==> flow/design.v <==
module alu_data_mux_p #(
  parameter int XLEN = 2,
  parameter int NIN = 24,
  parameter int LG = $clog2(NIN)
) (
  input  logic clk_i,
  input  logic aresetn,
  input  logic valid,
  input  logic [NIN*XLEN-1:0] ch,
  input  logic [LG-1:0] s,
  output logic [XLEN-1:0] q
);
  always_ff @(posedge clk_i or negedge aresetn) begin
    if (~aresetn) begin
      q <= 0;
    end else if (valid) begin
      q <= ch[s*XLEN +: XLEN];
    end
  end
endmodule
# --- Step by step through the tools: alu_data_mux_p ---
# What the tools print for alu_data_mux_p, step after step.
# Lines are those of the file above, counted from 1.
# Cell names lack the library's common part.
inputs:
  top: "alu_data_mux_p"
  clk_port: "clk_i"
  cell_library: "sky130hd"
  corner: "tt_025C_1v80"

# --- Word-level counts ---
# Source: Yosys, flattened and elaborated, memories not mapped. Widths are those after wreduce; folded enables and synchronous resets count as part of the registers. Registers that Yosys merges into a memory's read port (data or address) are not register bits. Print and check cells do not count. Equal cells are merged and count once.
word_totals:
  word_cells: 2
  input_bits: 56
  reg_bits: 2
classes:
  shifts: 1
op_table:
  columns: ["cell", "count"]
  rows:
  - ["variable part select 48 x 7 -> 2 bit", 1]

# --- Longest topological paths ---
# Yosys ltp: most cells in a row. Word level: on the elaborated netlist, between registers, memories and ports. Mapped: between sequential cells and ports; inverters and the memories' decode and read muxes count.
depth:
  depth_word: 1
  ABC_AREA: 0
  depth_mapped: 6
  ltp_nobuf: 4

# --- Synthesis result ---
# Yosys stat after the flow's synthesis: flattened, memories mapped to cells. It holds for the ABC_AREA given above (unset counts as 0); a run with the other value may have another netlist.
by_type:
  columns: ["cell", "count"]
  rows:
  - ["mux2i_1", 16]
  - ["mux4_1", 4]
  - ["dfrtp_1", 2]
  - ["a22oi_1", 4]
  - ["nand4_1", 4]
  - ["mux2_2", 2]
  - ["nand3_1", 4]
  - ["a41oi_1", 2]
  - ["nand2_1", 4]
  - ["nand3b_1", 2]
  - ["nor2_1", 4]
  - ["nor2b_1", 2]
  - ["buf_6", 1]
  - ["and2b_1", 1]
  - ["buf_4", 1]
  - ["buf_2", 1]
  - ["clkbuf_1", 1]
synth_totals:
  yosys_area_um2: 523.0
  mapped_cells: 55
  flip_flops: 2

# --- Timing after synthesis ---
# Source: OpenSTA report_checks on the synthesized netlist (no wires, ideal clock, input and output delay 20% of the period each), path of least setup slack; recovery checks are left aside. Register names are those of the netlist, which keeps one name where synthesis merged equal registers.
synth_timing:
  path_type: "input to register"
  start: "input s[1]"
  end: "register q[0]"
  setup_ns: 0.138
  n_path_buf: 1
  arrival_time_ns: 1.432
  delay_ns: 1.196
  setup_slack_ns: 0.300
  tclk_ns: 1.87
  driving_pins: 5
  t_first_pin_ns: 0.374
  synth_period_reached_ns: 1.57
# "delay_ns" = arrival - input delay + setup time.
# "driving_pins" counts driving pins, that of a launching flip-flop among them; a cell with two outputs on the path counts twice.
# "synth_period_reached_ns" = period - worst setup slack (recovery checks aside). The figure is calculated, with input and output delays left at 20% of the set period.
# Between the ends stands the longest chain of elaborated cells between them, by number of cells; it is not shown to be the way that was timed. Of several equally long chains one is given.
# A line is the first line of the expression or statement that the cell stems from. Yosys adds cells for indexed reads and writes and turns some case tables into memories.
synth_between:
  cell_sequence: "buf_6 mux4_1 mux2_2 nand3b_1 a41oi_1"
  elab_chain_cells: 1
synth_rtl:
  columns: ["element", "line_no", "rtl"]
  rows:
  - ["start, declared", 10, "input  logic [LG-1:0] s,"]
  - ["variable part select 48 x 7 -> 2 bit", 17, "q <= ch[s*XLEN +: XLEN];"]
  - ["end, assigned", 15, "q <= 0;"]
  - ["end, assigned", 17, null]
  - ["end, declared", 11, "output logic [XLEN-1:0] q"]

# --- Path in the finished layout ---
# From the final timing report of flow run 1: the path of least setup slack in the routed layout; clock arrival at registers is part of the times.
layout_timing:
  path_type: "input to register"
  start: "input s[2]"
  end: "register q[0]"
  setup_ns: 0.09
  driving_pins: 6
  t_first_pin_ns: 0.37
  setup_slack_ns: 0.15
  arrival_time_ns: 1.86
  n_path_buf: 2
  tclk_ns: 1.87
# Between the ends stands the longest chain of elaborated cells between them, by number of cells; it is not shown to be the way that was timed. Of several equally long chains one is given.
layout_between:
  cell_sequence: "clkdlybuf4s50_1 buf_4 and2b_1 a22oi_1 nand4_1 a41oi_1"
  elab_chain_cells: 1
layout_rtl:
  columns: ["element", "line_no", "rtl"]
  rows:
  - ["start, declared", 10, "input  logic [LG-1:0] s,"]
  - ["variable part select 48 x 7 -> 2 bit", 17, "q <= ch[s*XLEN +: XLEN];"]
  - ["end, assigned", 15, "q <= 0;"]
  - ["end, assigned", 17, null]
  - ["end, declared", 11, "output logic [XLEN-1:0] q"]

## Implementation results

Record of 3 stored runs of the RTL-to-layout flow on alu_data_mux_p, platform sky130hd. The runs are unordered. Constraints: input delay and output delay 20% of the set period each, output load 0.01 pF.
"clock_period_reached_ns" = clock period - worst setup slack. The figure is calculated, with input and output delays left at 20% of the set period.
"worstPathTime_ns": the worst setup path's part of the clock period (all of it between registers, 20% less for each end at a port) less its slack. A launch clock that arrives late makes it longer, a capture clock that arrives late makes it shorter.
By "power_total_w" is meant OpenSTA's value without simulated activity: inputs other than the clock are taken to toggle once in ten clock periods, and the tool carries that through the logic.

--- flow run 1 ---
==> flow/run.sh <==
#!/bin/bash
# the make line also repeats the synthesis and layout settings of config.mk as NAME=value (left out here)
make -C /OpenROAD-flow-scripts/flow DESIGN_CONFIG=/design/flow/config.mk WORK_HOME=/design/flow/orfs CLKGATE_MAP_FILE= finish
==> flow/config.mk <==
export PLATFORM = sky130hd
export DESIGN_NAME = alu_data_mux_p
export DESIGN_NICKNAME = alu_data_mux_p
export VERILOG_FILES = /design/flow/design.v
export SDC_FILE = /design/flow/constraint.sdc
export NUM_CORES = 4
export LEC_CHECK = 0
export CAP_MARGIN = 20
export CORE_MARGIN = 2
export CORE_UTILIZATION = 40
export SLEW_MARGIN = 20
==> flow/constraint.sdc <==
create_clock -name core_clock -period 1.87 [get_ports {clk_i}]
set_input_delay 0.3740 -clock core_clock [delete_from_list [all_inputs] [get_ports {clk_i}]]
set_output_delay 0.3740 -clock core_clock [all_outputs]
set_load 0.01 [all_outputs]

==> results, as YAML <==
results:
  clock_period_reached_ns: 1.723
  design.die.area_um2: 1612.8
  yosys_chip_area_um2: 523.0
  tns_ns: 0.000
  worstPathTime_ns: 1.35
  critical_path_kind: "input to register"
  finish.utilization_frac: 0.911
  post_route_stdcell_area_um2: 1141.1
  power_total_w: 0.0003861
  worstSetupSlack_ns: 0.147

--- flow run 2 ---
==> flow/run.sh <==
#!/bin/bash
# the make line also repeats the synthesis and layout settings of config.mk as NAME=value (left out here)
make -C /OpenROAD-flow-scripts/flow DESIGN_CONFIG=/design/flow/config.mk WORK_HOME=/design/flow/orfs CLKGATE_MAP_FILE= finish
==> flow/config.mk <==
export PLATFORM = sky130hd
export DESIGN_NAME = alu_data_mux_p
export DESIGN_NICKNAME = alu_data_mux_p
export VERILOG_FILES = /design/flow/design.v
export SDC_FILE = /design/flow/constraint.sdc
export NUM_CORES = 4
export LEC_CHECK = 0
export CAP_MARGIN = 20
export CELL_PAD_IN_SITES_DETAIL_PLACEMENT = 0
export CORE_MARGIN = 2
export CORE_UTILIZATION = 33
export GPL_TIMING_DRIVEN = 0
export PLACE_DENSITY_LB_ADDON = 0.28
export SETUP_SLACK_MARGIN = 0.16
export SLEW_MARGIN = 20
==> flow/constraint.sdc <==
create_clock -name core_clock -period 1.96 [get_ports {clk_i}]
set_input_delay 0.3920 -clock core_clock [delete_from_list [all_inputs] [get_ports {clk_i}]]
set_output_delay 0.3920 -clock core_clock [all_outputs]
set_load 0.01 [all_outputs]

==> results, as YAML <==
results:
  worstPathTime_ns: 1.31
  critical_path_kind: "input to register"
  power_total_w: 0.0003505
  yosys_chip_area_um2: 523.0
  post_route_stdcell_area_um2: 1136.1
  finish.utilization_frac: 0.763
  tns_ns: 0.000
  clock_period_reached_ns: 1.703
  design.die.area_um2: 1919.3
  worstSetupSlack_ns: 0.257

--- flow run 3 ---
==> flow/run.sh <==
#!/bin/bash
# the make line also repeats the synthesis and layout settings of config.mk as NAME=value (left out here)
make -C /OpenROAD-flow-scripts/flow DESIGN_CONFIG=/design/flow/config.mk WORK_HOME=/design/flow/orfs CLKGATE_MAP_FILE= finish
==> flow/config.mk <==
export PLATFORM = sky130hd
export DESIGN_NAME = alu_data_mux_p
export DESIGN_NICKNAME = alu_data_mux_p
export VERILOG_FILES = /design/flow/design.v
export SDC_FILE = /design/flow/constraint.sdc
export NUM_CORES = 4
export LEC_CHECK = 0
export ABC_AREA = 1
export CAP_MARGIN = 20
export CORE_MARGIN = 2
export CORE_UTILIZATION = 48
export CTS_CLUSTER_DIAMETER = 109
export MAX_ROUTING_LAYER = met4
export MIN_ROUTING_LAYER = met1
export PLACE_DENSITY_LB_ADDON = 0.22
export SLEW_MARGIN = 20
==> flow/constraint.sdc <==
create_clock -name core_clock -period 2.37 [get_ports {clk_i}]
set_input_delay 0.4740 -clock core_clock [delete_from_list [all_inputs] [get_ports {clk_i}]]
set_output_delay 0.4740 -clock core_clock [all_outputs]
set_load 0.01 [all_outputs]

==> results, as YAML <==
outcome: "no results, placement failed with FLW-0024"
